==> flow/design.v <==
module cpu_sel_unit_top #(
  parameter BITS = 2,
  parameter LANES = 24,
  parameter LG = $clog2(LANES)
) (
  input  wire clk,
  input  wire srst,
  input  wire clk_en,
  input  wire [LANES*BITS-1:0] val,
  input  wire [LG-1:0] addr,
  output reg [BITS-1:0] res
);
  reg [BITS-1:0] cur;
  integer k;
  always @* begin
    cur = 0;
    for (k = 0; k < LANES; k = k + 1)
      if (addr == k) cur = val[k*BITS +: BITS];
  end
  always @(posedge clk) begin
    if (srst) begin
      res <= 0;
    end else if (clk_en) begin
      res <= cur;
    end
  end
endmodule
### Tool chain data of cpu_sel_unit_top

Tool output for the design above, in the order of the flow.
Line numbers count from 1 in the design file above.
Operators carry their Yosys type and port widths (W data, S select, Z words).
Cell names lack the library's common part.
Not given: n/a

| set-up | value |
|---|---|
| design top | cpu_sel_unit_top |
| clock | clk |
| cell library | sky130hd |
| timing corner | tt_025C_1v80 |

### After elaboration

Counts by Yosys on the flattened word-level netlist (proc, flatten, opt, wreduce; memories kept). Register bits leave out memories and registers merged into their read ports (data or address); mux counts leave out enables and synchronous resets folded into registers. Print and check cells are left out. Cells with the same type and inputs are merged into one.

| storage and ports | value |
|---|---|
| memory bits (read-only) | 0 |
| word width x clocked read ports | 0 |
| output and inout bits | 2 |
| memory bits (writable) | 0 |
| bits in registers | 2 |
| latch bits | 0 |
| memory cells | 0 |

| cells by class | value |
|---|---|
| bitwise operators | 0 |
| shifts and indexed selects | 0 |
| $add $sub $neg | 0 |
| divide/modulo/power cells | 0 |
| reductions and logical operators | 1 |
| eq/ne operators | 23 |
| order comparisons | 0 |
| muxes and demuxes | 24 |
| multiply operators | 0 |

Operators with widths:

| kind | number |
|---|---|
| $mux W2 | 24 |
| $eq A5 B4 Y1 const B | 8 |
| $eq A5 B5 Y1 const B | 8 |
| $eq A5 B3 Y1 const B | 4 |
| $eq A5 B2 Y1 const B | 2 |
| $eq A5 B1 Y1 const B | 1 |
| $logic_not A5 Y1 | 1 |

### Logic depth

Longest topological path by Yosys (ltp), each cell counted once; first at word level (registers and memories cut), then after technology mapping (sequential cells cut; the memories' decode and read muxes count).

| depth | value |
|---|---|
| depth in word-level cells | 25 |
| ABC_AREA | 1 |
| mapped depth | 19 |
| gate-level depth less buffers | 19 |

### After synthesis

Yosys stat after the flow's synthesis: flattened, memories mapped to cells. It holds for the ABC_AREA given above (unset counts as 0); a run with the other value may have another netlist.

Cell types:

| type | number | total area (um^2) |
|---|---|---|
| nand2_1 | 45 | 168.912 |
| nor2_1 | 21 | 78.826 |
| nand4_1 | 12 | 75.072 |
| inv_1 | 19 | 71.318 |
| dfxtp_1 | 2 | 40.038 |
| nand3_1 | 8 | 40.038 |
| nor3_1 | 6 | 30.029 |
| a21oi_1 | 5 | 25.024 |
| and3_1 | 4 | 25.024 |
| nor2_2 | 4 | 25.024 |
| buf_6 | 2 | 22.522 |
| o21ai_0 | 4 | 20.019 |
| inv_2 | 5 | 18.768 |
| nand2_2 | 2 | 12.512 |
| a21o_1 | 1 | 7.507 |
| nor3b_1 | 1 | 7.507 |
| or2_0 | 1 | 6.256 |

| mapped netlist | value |
|---|---|
| area of sequential cells | 40.0 um^2 |
| flip-flops | 2 |
| synthesis area | 674.4 um^2 |
| buffers | 2 |
| cells in the netlist | 142 |

### Path before layout

Path of least setup slack by OpenSTA after synthesis, without wires, with an ideal clock, recovery checks aside; 20% of the period is set as input and as output delay. Where synthesis merged equal registers, the netlist keeps one of their names.

| timing path post-synthesis | value |
|---|---|
| path type | input to register |
| from | input addr[3] |
| to | register res[1] |
| input delay | 0.414 ns |
| library setup time | 0.116 ns |
| data required time | 1.954 ns |
| path delay | 1.295 ns |
| launch time at the first pin | 0.414 ns |
| clock period | 2.07 ns |
| driving pins on the path | 15 |
| arrival time | 1.593 ns |
| buffers on the path | 0 |
| path slack | 0.361 ns |
| period reached after synthesis | 1.709 ns |

"path delay" is the arrival time less input delay plus setup time.
"driving pins on the path": output pins that drive a net of the path, with the launching flip-flop's if there is one; two outputs of one cell count as two.
"period reached after synthesis" is the clock period less the worst setup slack; recovery checks do not enter. This is arithmetic on one report: input and output delays are still those of the set period (20% each).
Between the ends stands the longest chain of elaborated cells between them, by number of cells; it is not shown to be the way that was timed. Of several equally long chains one is given.
A line is the first line of the expression or statement that the cell stems from. Yosys adds cells for indexed reads and writes and turns some case tables into memories.

| between the ends, post-synthesis | value |
|---|---|
| path through | inv_1 > nand2_1 > inv_2 > nand2_1 > or2_0 > nand2_1 > nand4_1 > nor2_1 > nand4_1 > nor2_1 > nand4_1 > nor2_1 > nand4_1 > nand2_1 > a21oi_1 |
| length of the longest elaborated chain | 25 |
| elaborated cells between the ends (all ways) | 48 |
| source lines of those cells | 1 |
| classes of those cells | eq/ne (23); mux (24); reduce/logical (1) |

RTL lines, path post-synthesis:

| what | RTL line | text |
|---|---|---|
| start, declared | 10 | `input  wire [LG-1:0] addr,` |
| $logic_not A5 Y1 | 18 | `if (addr == k) cur = val[k*BITS +: BITS];` |
| $mux W2 x24 | 18 |  |
| end, assigned | 22 | `res <= 0;` |
| end, assigned | 24 | `res <= cur;` |
| end, declared | 11 | `output reg [BITS-1:0] res` |

### Worst path after layout

Path of least setup slack in the final report of flow run A (OpenROAD, finished layout, wires in). Where an end is a register, its clock arrival counts in the times.

| timing path after layout | value |
|---|---|
| path type | input to register |
| from | input addr[3] |
| to | register res[1] |
| library setup time | 0.11 ns |
| launch time at the first pin | 0.35 ns |
| buffers on the path | 2 |
| driving pins on the path | 17 |
| input delay | 0.35 ns |
| data required time | 1.85 ns |
| path slack | -0.05 ns |
| arrival time | 1.90 ns |
| clock period | 1.75 ns |

Between the ends stands the longest chain of elaborated cells between them, by number of cells; it is not shown to be the way that was timed. Of several equally long chains one is given.

| between the ends, after layout | value |
|---|---|
| path through | buf_6 > buf_4 > inv_4 > nand2_8 > inv_4 > nand2_2 > or2_0 > nand2_1 > nand4_1 > nor2_1 > nand4_1 > nor2_1 > nand4_1 > nor2_1 > nand4_1 > nand2_1 > a21oi_1 |
| length of the longest elaborated chain | 25 |
| elaborated cells between the ends (all ways) | 48 |
| source lines of those cells | 1 |
| classes of those cells | eq/ne (23); mux (24); reduce/logical (1) |

RTL lines, path after layout:

| what | RTL line | text |
|---|---|---|
| start, declared | 10 | `input  wire [LG-1:0] addr,` |
| $logic_not A5 Y1 | 18 | `if (addr == k) cur = val[k*BITS +: BITS];` |
| $mux W2 x24 | 18 |  |
| end, assigned | 22 | `res <= 0;` |
| end, assigned | 24 | `res <= cur;` |
| end, declared | 11 | `output reg [BITS-1:0] res` |

Wiki page: cpu_sel_unit_top / flow data

3 stored runs of cpu_sel_unit_top in the flow (synthesis by Yosys, layout by OpenROAD, sky130hd cells), in arbitrary order. Constraints: input delay and output delay 20% of the set period each, output load 0.01 pF.
A setting shown as - is not set for that run.
Results: - = not shown.

| run name | period_ns | CORE_UTILIZATION | SETUP_SLACK_MARGIN | PLACE_DENSITY | CORE_ASPECT_RATIO | ABC_AREA | CAP_MARGIN | SLEW_MARGIN | CORE_MARGIN | TNS_END_PERCENT | GPL_ROUTABILITY_DRIVEN | CTS_CLUSTER_SIZE | CTS_CLUSTER_DIAMETER | MIN_ROUTING_LAYER | MAX_ROUTING_LAYER | area of the standard cells in the finished layout (um^2) | setup slack of the critical path (ns) | chip area in the Yosys report (um^2) | die area (um^2) |
|---|---|---|---|---|---|---|---|---|---|---|---|---|---|---|---|---|---|---|---|
| flow run A | 1.75 | 20 | -0.02 | 0.39 | 0.55 | 1 | 25 | 10 | 2 | - | - | - | - | - | - | 1612.8 | -0.049 | 674.4 | 3873.4 |
| flow run B | 2.04 | 66 | - | 0.4 | - | - | 20 | 20 | 2 | 40 | 1 | 67 | 217 | met1 | met4 | - | - | - | - |
| flow run C | 2.07 | 40 | - | - | - | - | 20 | 20 | 2 | - | - | - | - | - | - | 1564.0 | 0.017 | 765.7 | 2280.5 |

Flow run B: stopped before the end: placement reported GPL-0301
